==> flow/design.v <==
module times #(
  parameter integer DATA_W = 5,
  parameter integer WAYS = 3,
  parameter integer RW = 2*DATA_W + $clog2(WAYS)
) (
  input wire ck,
  input wire rst,
  input wire [WAYS*DATA_W-1:0] i_u,
  input wire [WAYS*DATA_W-1:0] i_v,
  output wire [RW-1:0] o_res
);
  reg [WAYS*DATA_W-1:0] u_q;
  reg [WAYS*DATA_W-1:0] v_q;
  always @(posedge ck) begin
    if (rst) begin
      u_q <= 0;
      v_q <= 0;
    end else begin
      u_q <= i_u;
      v_q <= i_v;
    end
  end
  genvar k;
  wire [2*WAYS*DATA_W-1:0] part;
  generate
    for (k = 0; k < WAYS; k = k + 1) begin : gen
      assign part[2*k*DATA_W +: 2*DATA_W] = u_q[k*DATA_W +: DATA_W] * v_q[k*DATA_W +: DATA_W];
    end
  endgenerate
  reg [2*WAYS*DATA_W-1:0] part_q;
  always @(posedge ck) begin
    if (rst) begin
      part_q <= 0;
    end else begin
      part_q <= part;
    end
  end
  reg [RW-1:0] val;
  integer i;
  always @* begin
    val = 0;
    for (i = 0; i < WAYS; i = i + 1)
      val = val + part_q[2*i*DATA_W +: 2*DATA_W];
  end
  reg [RW-1:0] res_q;
  always @(posedge ck) begin
    if (rst) begin
      res_q <= 0;
    end else begin
      res_q <= val;
    end
  end
  assign o_res = res_q;
endmodule
# --- Step by step through the tools: times ---
# Tool output for the design above, in the order of the flow.
# Line numbers count from 1 in the design file above.
# Operators: Yosys type, input widths -> output width; for muxes data width and select width s.
# Cell names lack the library's common part.
setup:
  top_module: "times"
  clk_port: "ck"
  cell_library: "sky130hd"
  pvt_corner: "tt_025C_1v80"

# --- Word level ---
# Counts by Yosys on the flattened word-level netlist (proc, flatten, opt, wreduce; memories kept). Register bits leave out memories and registers merged into their read ports (data or address); mux counts leave out enables and synchronous resets folded into registers. Print and check cells are left out. Cells with the same type and inputs are merged into one.
word_totals:
  output_inout_bits: 12
  regBits: 72
classes:
  addsub: 2
  n_mul: 3
ops:
  columns: ["op", "n"]
  rows:
  - ["$mul 5x5->10", 3]
  - ["$add 11x10->12", 1]
  - ["$add 10x10->11", 1]

# --- Depth ---
# Longest topological path by Yosys (ltp), each cell counted once; first at word level (registers and memories cut), then after technology mapping (sequential cells cut; the memories' decode and read muxes count).
logic_depth:
  word_depth: 2
  ABC_AREA: 1
  depth_mapped: 14
  ltp_nobuf: 14

# --- Netlist ---
# Source: synth_stat.txt of the flow (Yosys; design flattened, memories mapped). It holds for the ABC_AREA given above (unset counts as 0); a run with the other value may have another netlist.
mapped:
  yosys_area_um2: 4875.9
  n_buf: 8
  ff_cells: 72
  cells: 632
types:
  columns: ["cell_type", "n", "type_area_um2"]
  rows:
  - ["dfxtp_1", 72, 1.44E+03]
  - ["ha_1", 63, 788.256]
  - ["fa_1", 38, 760.73]
  - ["inv_1", 151, 566.794]
  - ["nand2_1", 136, 510.49]
  - ["nor2_1", 73, 274.013]
  - ["a21oi_1", 37, 185.178]
  - ["nand3_1", 29, 145.139]
  - ["o21ai_0", 8, 40.038]
  - ["a21boi_0", 3, 22.522]
  - ["o21a_1", 3, 22.522]
  - ["buf_2", 4, 20.019]
  - ["a21o_1", 2, 15.014]
  - ["clkbuf_1", 4, 15.014]
  - ["o21bai_1", 2, 15.014]
  - ["nor2_4", 1, 11.261]
  - ["xnor2_1", 1, 8.758]
  - ["a21boi_1", 1, 7.507]
# Not listed: further types 4, cells in them 4.

# --- Worst setup path after synthesis ---
# Source: OpenSTA report_checks on the synthesized netlist (no wires, ideal clock, input and output delay 20% of the period each), path of least setup slack; recovery checks are left aside. Register names are those of the netlist, which keeps one name where synthesis merged equal registers.
synth_timing:
  kind: "register to register"
  startpoint: "reg v_q[14]"
  endpoint: "reg part_q[27]"
  path_delay_ns: 2.961
  setup_time_ns: 0.113
  arrival_ns: 2.848
  stages: 12
  launch_ns: 0.000
  slack_ns: 1.109
  clock_period_ns: 4.07
  synth_period_reached_ns: 2.961
# "path_delay_ns" is the arrival time less input delay plus setup time.
# "stages": output pins that drive a net of the path, with the launching flip-flop's if there is one; two outputs of one cell count as two.
# "synth_period_reached_ns" = period - worst setup slack (recovery checks aside). The figure is calculated, with input and output delays left at 20% of the set period.
# Between the ends stands the longest chain of elaborated cells between them, by number of cells; it is not shown to be the way that was timed. Of several equally long chains one is given.
# A line is the first line of the expression or statement that the cell stems from. Yosys adds cells for indexed reads and writes and turns some case tables into memories.
synth_via:
  cell_sequence: "dfxtp_1 -> nand2_1 -> fa_1 -> fa_1 -> inv_1 -> fa_1 -> ha_1 -> a21oi_1 -> nand2_1 -> a21o_1 -> nor2_1 -> nor2_1"
  elab_chain_len: 1
synth_rtl:
  columns: ["element", "line_no", "rtl"]
  rows:
  - ["start, declared", 13, "reg [WAYS*DATA_W-1:0] v_q;"]
  - ["start, assigned", 17, "v_q <= 0;"]
  - ["start, assigned", 20, "v_q <= i_v;"]
  - ["$mul 5x5->10", 27, "assign part[2*k*DATA_W +: 2*DATA_W] = u_q[k*DATA_W +: DATA_W] * v_q[k*DATA_W +: DATA_W];"]
  - ["end, assigned", 33, "part_q <= 0;"]
  - ["end, assigned", 35, "part_q <= part;"]
  - ["end, declared", 30, "reg [2*WAYS*DATA_W-1:0] part_q;"]

# --- Timing after layout ---
# Path of least setup slack in the final report of run 1 (OpenROAD, finished layout, wires in). Where an end is a register, its clock arrival counts in the times.
layout_timing:
  kind: "register to register"
  startpoint: "reg u_q[7]"
  endpoint: "reg part_q[19]"
  stages: 13
  clock_period_ns: 2.17
  launch_ns: 0.34
  setup_time_ns: 0.06
  slack_ns: -0.71
  arrival_ns: 3.15
# Between the ends stands the longest chain of elaborated cells between them, by number of cells; it is not shown to be the way that was timed. Of several equally long chains one is given.
layout_via:
  cell_sequence: "dfxtp_4 -> nand2_4 -> fa_1 -> fa_1 -> fa_1 -> inv_2 -> ha_4 -> nand3_4 -> nand2_4 -> nand3_2 -> nand3_1 -> nand2_1 -> nor2_1"
  elab_chain_len: 1
layout_rtl:
  columns: ["element", "line_no", "rtl"]
  rows:
  - ["start, declared", 12, "reg [WAYS*DATA_W-1:0] u_q;"]
  - ["start, assigned", 16, "u_q <= 0;"]
  - ["start, assigned", 19, "u_q <= i_u;"]
  - ["$mul 5x5->10", 27, "assign part[2*k*DATA_W +: 2*DATA_W] = u_q[k*DATA_W +: DATA_W] * v_q[k*DATA_W +: DATA_W];"]
  - ["end, assigned", 33, "part_q <= 0;"]
  - ["end, assigned", 35, "part_q <= part;"]
  - ["end, declared", 30, "reg [2*WAYS*DATA_W-1:0] part_q;"]

# 3 stored runs of times in the flow (synthesis by Yosys, layout by OpenROAD, sky130hd cells), in arbitrary order. Constraints: input delay and output delay 20% of the set period each, output load 0.01 pF.
# "achieved_period_ns" means the clock period less the worst setup slack. The figure is calculated, with input and output delays left at 20% of the set period.
# By "worst_path_allowed_less_slack_ns" is meant the share of the clock period that the worst setup path is allowed (20% is reserved at inputs, 20% at outputs), minus its slack. Clock arrival times at its registers enter into it.
# "totalPower_w" rests on the timing tool's default activity at the inputs, not on a simulated workload.
runs:
  - name: "run 1"
    settings:
      period_ns: 2.17
      CORE_UTILIZATION: 44
      PLACE_DENSITY_LB_ADDON: 0.3
      HOLD_SLACK_MARGIN: 0.24
      CORE_ASPECT_RATIO: 0.54
      CORE_MARGIN: 2
      TNS_END_PERCENT: 15
      ABC_AREA: 1
      GPL_TIMING_DRIVEN: 1
      CTS_CLUSTER_SIZE: 37
      MIN_ROUTING_LAYER: "met1"
      MAX_ROUTING_LAYER: "met5"
      CAP_MARGIN: 20
      SLEW_MARGIN: 20
    results:
      final_util_pct: 59.9
      totalPower_w: 0.003566
      worst_hold_slack_ns: 0.495
      timing.setup.ws_ns: -0.705
      timing.setup.tns_ns: -11.547
      ys_area_um2: 4875.9
      post_route_stdcell_area_um2: 6510.0
      worst_path_allowed_less_slack_ns: 2.88
      path_kind: "register to register"
      final_die_area_um2: 11979.9
      achieved_period_ns: 2.875
  - name: "run 2"
    settings:
      period_ns: 4.07
      CAP_MARGIN: 20
      CORE_MARGIN: 2
      CORE_UTILIZATION: 40
      SLEW_MARGIN: 20
    results:
      final_util_pct: 47.8
      totalPower_w: 0.001772
      worst_hold_slack_ns: 0.521
      timing.setup.ws_ns: 0.653
      timing.setup.tns_ns: 0.000
      ys_area_um2: 4839.6
      post_route_stdcell_area_um2: 5699.2
      worst_path_allowed_less_slack_ns: 3.42
      path_kind: "register to register"
      final_die_area_um2: 12994.9
      achieved_period_ns: 3.417
  - name: "run 3"
    settings:
      period_ns: 2.58
      CORE_UTILIZATION: 34
      SETUP_SLACK_MARGIN: 0.41
      PLACE_DENSITY_LB_ADDON: 0.14
      CORE_MARGIN: 4
      ABC_AREA: 1
      GPL_TIMING_DRIVEN: 1
      GPL_ROUTABILITY_DRIVEN: 1
      CAP_MARGIN: 20
      SLEW_MARGIN: 20
    results:
      final_util_pct: 49.3
      totalPower_w: 0.00324
      worst_hold_slack_ns: 0.501
      timing.setup.ws_ns: -0.303
      timing.setup.tns_ns: -3.625
      ys_area_um2: 4875.9
      post_route_stdcell_area_um2: 6899.1
      worst_path_allowed_less_slack_ns: 2.88
      path_kind: "register to register"
      final_die_area_um2: 16321.3
      achieved_period_ns: 2.883
